==> flow/design.v <==
module gen_mul_rtl #(
  parameter int W = 11
) (
  input logic clk,
  input logic valid,
  input logic [W-1:0] dataa_i,
  input logic [W-1:0] datab_i,
  output logic [2*W-1:0] q_o
);
  logic [W-1:0] dataa_ff;
  logic [W-1:0] datab_ff;
  always_ff @(posedge clk) begin
    if (valid) begin
      dataa_ff <= dataa_i;
      datab_ff <= datab_i;
      q_o <= dataa_ff * datab_ff;
    end
  end
endmodule
## Tool chain data of gen_mul_rtl

What the tools print for gen_mul_rtl, step after step.
Line numbers count from 1 in the design file above.
Cell names lack the library's common part.
Not given: -

- Top module: gen_mul_rtl
- Clock input: clk
- Library: sky130hd
- Library corner: tt_025C_1v80

## Word-level counts

Yosys after proc, flatten, opt, wreduce and memory -nomap, before mapping. Enables and synchronous resets that opt folds into registers are not counted as muxes. Memory bits, and registers merged into a memory's read port (data or address), are not among the register bits. Print and check cells are not counted. Equal cells are merged and count once.

- Bits in registers: 44
- Latch bits: 0
- Bits in writable memories: 0
- Memory bits (read-only): 0
- Word width x clocked read ports: 0
- Memories: 0
- Bits of input ports: 24
- Elaborated cells: 4

- $add $sub $neg: 0
- Multipliers: 1
- Div/mod/pow operators: 0
- Order comparisons: 0
- Eq/ne operators: 0
- Shift operators: 0
- Mux-type cells: 0
- Bitwise operators: 0
- Reduce/logical cells: 0

Operator list:

| cell | count |
|---|---|
| 11-bit by 11-bit multiplier with 22-bit output | 1 |

## Logic depth

Yosys ltp: most cells in a row. Word level: on the elaborated netlist, between registers, memories and ports. Mapped: between sequential cells and ports; inverters and the memories' decode and read muxes count.

- Word-level depth: 1
- ABC_AREA: 0
- Depth in mapped cells: 19

## Synthesis result

Yosys stat after the flow's synthesis: flattened, memories mapped to cells. It holds for the ABC_AREA given above (unset counts as 0); a run with the other value may have another netlist.

- Mapped cells: 547
- Chip area (Yosys): 5,524.0 µm²
- Sequential area: 1,321.3 µm²
- Mapped flip-flops: 44
- Buffers: 25

Cells by type:

| cell | count |
|---|---|
| fa_1 | 80 |
| edfxtp_1 | 44 |
| ha_1 | 60 |
| inv_1 | 107 |
| and2_1 | 62 |
| nand2_1 | 70 |
| a21oi_1 | 19 |
| xnor2_1 | 10 |
| clkbuf_1 | 22 |
| xor2_1 | 6 |
| a21o_1 | 5 |
| nand3_1 | 7 |
| nor2_1 | 8 |
| a21o_2 | 3 |
| nand2b_1 | 4 |
| a211oi_1 | 3 |
| buf_4 | 3 |
| o211ai_1 | 3 |

Other cell types: 22; their cells: 31.

## Path before layout

OpenSTA on the mapped netlist: ideal clock, no wires. The path of least setup slack (recovery checks aside). Input and output delay are each 20% of the period. Register names are those of the netlist, which keeps one name where synthesis merged equal registers.

- Path type: register to register
- Start point: register datab_ff[5]
- End point: register q_o[20]
- Clock period: 6.01 ns
- Launch time at the first pin: 0.000 ns
- Data arrival time: 4.549 ns
- Data required time: 5.748 ns
- Path slack: 1.199 ns
- Path delay: 4.811 ns
- Stages: 19
- Path buffers: 1
- Synthesis period reached: 4.811 ns

"path delay" = arrival - input delay + setup time.
"stages": output pins that drive a net of the path, with the launching flip-flop's if there is one; two outputs of one cell count as two.
"synthesis period reached" is the clock period less the worst setup slack; recovery checks do not enter. This is arithmetic on one report: input and output delays are still those of the set period (20% each).
The rows between start and end are the longest chain of elaborated cells between them; the timing report does not say that the signal goes this way. Where chains are equally long, one stands for them.
Each line given opens the expression or statement behind the cell; cells for indexed reads and writes are added by Yosys, which also makes memories of some case tables.

- Path through: edfxtp_1 clkbuf_1 and2_1 fa_1 inv_1 fa_1 inv_1 fa_1 fa_1 inv_1 fa_1 inv_1 ha_1 nand2_1 or3_4 a211oi_2 o21bai_1 a21oi_1 xor2_1
- Length of the longest elaborated chain: 1
- Elaborated cells on any way between the ends: 1
- RTL lines with such cells: 1
- Classes of those cells: mul: 1

RTL lines, path post-synthesis:

| what | line | text |
|---|---|---|
| start, declared | 11 | `logic [W-1:0] datab_ff;` |
| start, assigned | 15 | `datab_ff <= datab_i;` |
| 11-bit by 11-bit multiplier with 22-bit output | 16 | `q_o <= dataa_ff * datab_ff;` |
| end, assigned | 16 |  |
| end, declared | 8 | `output logic [2*W-1:0] q_o` |

## Path in the finished layout

From the final timing report of run A: the path of least setup slack in the routed layout; clock arrival at registers is part of the times.

- Path type: register to register
- Start point: register dataa_ff[5]
- End point: register q_o[19]
- Clock period: 5.69 ns
- Launch time at the first pin: 0.30 ns
- Data arrival time: 5.44 ns
- Data required time: 5.75 ns
- Path slack: 0.31 ns
- Stages: 18
- Path buffers: 0

The rows between start and end are the longest chain of elaborated cells between them; the timing report does not say that the signal goes this way. Where chains are equally long, one stands for them.

- Path through: edfxtp_1 and2_1 fa_1 inv_1 fa_1 inv_1 fa_1 fa_1 inv_1 fa_1 inv_1 ha_1 a21oi_1 nand2_1 o211ai_1 o22ai_1 a31oi_1 xnor2_1
- Length of the longest elaborated chain: 1
- Elaborated cells on any way between the ends: 1
- RTL lines with such cells: 1
- Classes of those cells: mul: 1

RTL lines, path after layout:

| what | line | text |
|---|---|---|
| start, declared | 10 | `logic [W-1:0] dataa_ff;` |
| start, assigned | 14 | `dataa_ff <= dataa_i;` |
| 11-bit by 11-bit multiplier with 22-bit output | 16 | `q_o <= dataa_ff * datab_ff;` |
| end, assigned | 16 |  |
| end, declared | 8 | `output logic [2*W-1:0] q_o` |

Hand-over note for gen_mul_rtl

3 stored runs of gen_mul_rtl in the flow (synthesis by Yosys, layout by OpenROAD, sky130hd cells), in arbitrary order. Constraints: input delay and output delay 20% of the set period each, output load 0.01 pF.

### Run A

Settings: `period_ns=5.69`, `CORE_UTILIZATION=64`, `PLACE_DENSITY=0.57`, `CORE_MARGIN=8`, `CAP_MARGIN=20`, `SLEW_MARGIN=20`

- Worst slack on setup checks: 0.309 ns
- Full die area: 11,860.3 µm²
- Worst hold slack after layout: 0.821 ns
- Final utilization: 0.712
- Chip area in the Yosys report: 5,524.0 µm²

### Run B

Settings: `period_ns=6.01`, `CAP_MARGIN=20`, `CORE_MARGIN=2`, `CORE_UTILIZATION=40`, `SLEW_MARGIN=20`

- Worst slack on setup checks: 0.565 ns
- Full die area: 14,765.9 µm²
- Worst hold slack after layout: 0.825 ns
- Final utilization: 0.472
- Chip area in the Yosys report: 5,524.0 µm²

### Run C

Settings: `period_ns=8.69`, `CORE_UTILIZATION=50`, `PLACE_DENSITY=0.48`, `CELL_PAD_IN_SITES_GLOBAL_PLACEMENT=3`, `CELL_PAD_IN_SITES_DETAIL_PLACEMENT=2`, `ABC_AREA=1`, `GPL_ROUTABILITY_DRIVEN=1`, `CTS_CLUSTER_SIZE=52`, `CTS_CLUSTER_DIAMETER=29`, `SLEW_MARGIN=5`, `CAP_MARGIN=20`, `CORE_MARGIN=2`

Did not finish, placement stopped with GPL-0301.

End of note.
